==> flow/design.v <==
module u_relation #(
  parameter BITS = 12
) (
  input  logic sys_clk,
  input  logic rst_i,
  input  logic en,
  input  logic [BITS-1:0] dataa,
  input  logic [BITS-1:0] datab,
  output logic above
);
  logic [BITS-1:0] r_dataa;
  logic [BITS-1:0] r_datab;
  logic [BITS:0] cc;
  assign cc[0] = 1'b0;
  for (genvar i = 0; i < BITS; i++) begin : u_g
    assign cc[i+1] = (r_dataa[i] ^ r_datab[i]) ? r_dataa[i] : cc[i];
  end
  always_ff @(posedge sys_clk) begin
    if (rst_i) begin
      r_dataa <= '0;
      r_datab <= '0;
      above <= 1'b0;
    end else if (en) begin
      r_dataa <= dataa;
      r_datab <= datab;
      above <= cc[BITS];
    end
  end
endmodule
**Step by step through the tools: u_relation**

Tool output for the design above, in the order of the flow.
Lines are those of the file above, counted from 1.
Operators: Yosys type, input widths -> output width; for muxes data width and select width s.
Library cell names are shortened.
Not given: --

- Top: u_relation
- Clock port: sys_clk
- Cell library: sky130hd
- Corner: tt_025C_1v80

**Elaborated design**

Yosys after proc, flatten, opt, wreduce and memory -nomap, before mapping. Enables and synchronous resets that opt folds into registers are not counted as muxes. Memory bits, and registers merged into a memory's read port (data or address), are not among the register bits. Print and check cells are not counted. Equal cells are merged and count once.

- Elaborated cells: 27
- Bits in registers: 25
- Output and inout port bits: 1
- Input bits: 27

- Bitwise gates (word level): 12
- Multiplexer cells: 12

Operator list:

| operator | count |
|---|---|
| $xor 1x1->1 | 12 |
| $mux 1 | 12 |

**Depth**

Longest topological path by Yosys (ltp), each cell counted once; first at word level (registers and memories cut), then after technology mapping (sequential cells cut; the memories' decode and read muxes count).

- Word-level depth: 13
- ABC_AREA: 0
- Gate-level depth with buffers: 5
- Depth with buffers taken out: 5

**After synthesis**

Source: synth_stat.txt of the flow (Yosys; design flattened, memories mapped). It holds for the ABC_AREA given above (unset counts as 0); a run with the other value may have another netlist.
The area totals of this step are shown rounded.

Cells by type:

| cell | count | total area (um^2) |
|---|---|---|
| dfxtp_1 | 25 | 500.48 |
| mux2i_1 | 25 | 250.24 |
| nor2_1 | 25 | 93.84 |
| inv_1 | 9 | 33.782 |
| maj3_1 | 2 | 20.019 |
| nand2b_1 | 3 | 18.768 |
| nor2b_1 | 3 | 18.768 |
| o41ai_2 | 1 | 16.266 |
| a221oi_2 | 1 | 15.014 |
| buf_4 | 2 | 15.014 |
| a31oi_1 | 2 | 12.512 |
| clkbuf_1 | 3 | 11.261 |
| maj3_2 | 1 | 11.261 |
| a221o_1 | 1 | 10.01 |
| nand2b_2 | 1 | 8.758 |
| o2111ai_1 | 1 | 8.758 |
| o221ai_1 | 1 | 8.758 |
| a21o_1 | 1 | 7.507 |

Other cell types: 5; their cells: 5.

- Buffer cells: 6
- Sequential part of the area: 500 um^2
- Cells in the netlist: 112
- Synthesis area: 1,090 um^2
- Flip-flop cells: 25

**Timing after synthesis**

Source: OpenSTA report_checks on the synthesized netlist (no wires, ideal clock, input and output delay 20% of the period each), path of least setup slack; recovery checks are left aside. Register names are those of the netlist, which keeps one name where synthesis merged equal registers.

- Kind: register -> register
- Start: register r_datab[3]
- End: register above
- Buffers on the path: 0
- Arrival: 1,098 ps
- Clock period: 1,530 ps
- Required time: 1,401 ps
- Time at the first pin: 0 ps
- Setup time: 129 ps
- Slack: 303 ps
- Delay of the path: 1,227 ps
- Stages: 6
- Synthesis period reached: 1,227 ps

"delay of the path" is the arrival time less input delay plus setup time.
"stages": output pins that drive a net of the path, with the launching flip-flop's if there is one; two outputs of one cell count as two.
"synthesis period reached" is the clock period less the worst setup slack; recovery checks do not enter. This is arithmetic on one report: input and output delays are still those of the set period (20% each).
Between the ends stands the longest chain of elaborated cells between them, by number of cells; it is not shown to be the way that was timed. Of several equally long chains one is given.
A line is the first line of the expression or statement that the cell stems from. Yosys adds cells for indexed reads and writes and turns some case tables into memories.

- Cells stage by stage: dfxtp_1 -> nand2b_2 -> a31oi_1 -> maj3_1 -> a31oi_1 -> o41ai_2
- Cells in the longest elaborated chain: 10
- Elaborated cells between the ends (all ways): 10
- RTL lines with such cells: 1
- Classes of those cells: mux: 9; logic: 1

RTL lines, path post-synthesis:

| what | line | RTL |
|---|---|---|
| from (decl) | 12 | `logic [BITS-1:0] r_datab;` |
| from (assign) | 21 | `r_datab <= '0;` |
| from (assign) | 25 | `r_datab <= datab;` |
| $xor 1x1->1 | 16 | `assign cc[i+1] = (r_dataa[i] ^ r_datab[i]) ? r_dataa[i] : cc[i];` |
| $mux 1 (9 in a row) | 16 |  |
| to (assign) | 22 | `above <= 1'b0;` |
| to (assign) | 26 | `above <= cc[BITS];` |
| to (decl) | 9 | `output logic above` |

**Timing after layout**

Path of least setup slack in the final report of flow run 1 (OpenROAD, finished layout, wires in). Where an end is a register, its clock arrival counts in the times.
The path's times are printed in steps of 10 ps; the period is the one set.

- Kind: register -> register
- Start: register r_datab[3]
- End: register above
- Required time: 1,740 ps
- Buffers on the path: 0
- Clock period: 1,530 ps
- Arrival: 1,540 ps
- Stages: 6
- Setup time: 100 ps
- Time at the first pin: 310 ps
- Slack: 200 ps

Between the ends stands the longest chain of elaborated cells between them, by number of cells; it is not shown to be the way that was timed. Of several equally long chains one is given.

- Cells stage by stage: dfxtp_1 -> nand2b_2 -> a31oi_1 -> maj3_1 -> a31oi_1 -> o41ai_2
- Cells in the longest elaborated chain: 10
- Elaborated cells between the ends (all ways): 10
- RTL lines with such cells: 1
- Classes of those cells: mux: 9; logic: 1

RTL lines, path post-layout:

| what | line | RTL |
|---|---|---|
| from (decl) | 12 | `logic [BITS-1:0] r_datab;` |
| from (assign) | 21 | `r_datab <= '0;` |
| from (assign) | 25 | `r_datab <= datab;` |
| $xor 1x1->1 | 16 | `assign cc[i+1] = (r_dataa[i] ^ r_datab[i]) ? r_dataa[i] : cc[i];` |
| $mux 1 (9 in a row) | 16 |  |
| to (assign) | 22 | `above <= 1'b0;` |
| to (assign) | 26 | `above <= cc[BITS];` |
| to (decl) | 9 | `output logic above` |

Subject: flow runs of u_relation

Hi,

Measured data: module u_relation, platform sky130hd, 3 stored runs of the flow under differing settings, order arbitrary. Input and output delays are each 20% of the period that was set; the output load is 0.01 pF.
"achieved clock period": clock period set for the run, less the worst setup slack. It is reckoned from that one timing run; input and output delays stay at 20% of the period that was set.
"worst setup path time" = time allowed to the worst setup path (clock period - input delay - output delay, where it has them) - its slack; a late launch clock adds to it, a late capture clock takes from it.
"power" is the tool's figure for a default switching activity; nothing was simulated.
"worst setup path time" is given in steps of 10 ps.
Results are given in rounded form.

### Flow run 1

Settings: `period_ns=1.53`, `CAP_MARGIN=20`, `CORE_MARGIN=2`, `CORE_UTILIZATION=40`, `SLEW_MARGIN=20`

- Yosys chip area after synthesis: 1,090 um^2
- Die outline area: 3,150 um^2
- Standard-cell area after layout: 1,440 um^2
- Final design utilization: 57.2%
- Setup slack of the worst path: 203 ps
- Total negative slack: 0 ps
- Smallest hold slack: 499 ps
- Power: 1.23 mW
- Achieved clock period: 1,327 ps
- Worst setup path time: 1,330 ps
- Critical path type: register -> register

### Flow run 2

Settings: `period_ns=1.81`, `CORE_UTILIZATION=53`, `SETUP_SLACK_MARGIN=-0.01`, `PLACE_DENSITY_LB_ADDON=0.07`, `CORE_ASPECT_RATIO=0.58`, `ABC_AREA=0`, `CTS_CLUSTER_DIAMETER=59`, `MIN_ROUTING_LAYER=met1`, `CAP_MARGIN=20`, `CORE_MARGIN=2`, `SLEW_MARGIN=20`

- Yosys chip area after synthesis: 1,090 um^2
- Die outline area: 2,450 um^2
- Standard-cell area after layout: 1,430 um^2
- Final design utilization: 74.2%
- Setup slack of the worst path: 234 ps
- Total negative slack: 0 ps
- Smallest hold slack: 498 ps
- Power: 1.05 mW
- Achieved clock period: 1,576 ps
- Worst setup path time: 1,210 ps
- Critical path type: register -> output

### Flow run 3

Settings: `period_ns=1.56`, `CORE_UTILIZATION=42`, `SETUP_SLACK_MARGIN=-0.0`, `PLACE_DENSITY=0.74`, `CORE_ASPECT_RATIO=1.63`, `CORE_MARGIN=9`, `CELL_PAD_IN_SITES_GLOBAL_PLACEMENT=3`, `ABC_AREA=1`, `CTS_CLUSTER_DIAMETER=374`, `CAP_MARGIN=35`, `SLEW_MARGIN=20`

Stopped before the end: placement reported GPL-0301.

Regards
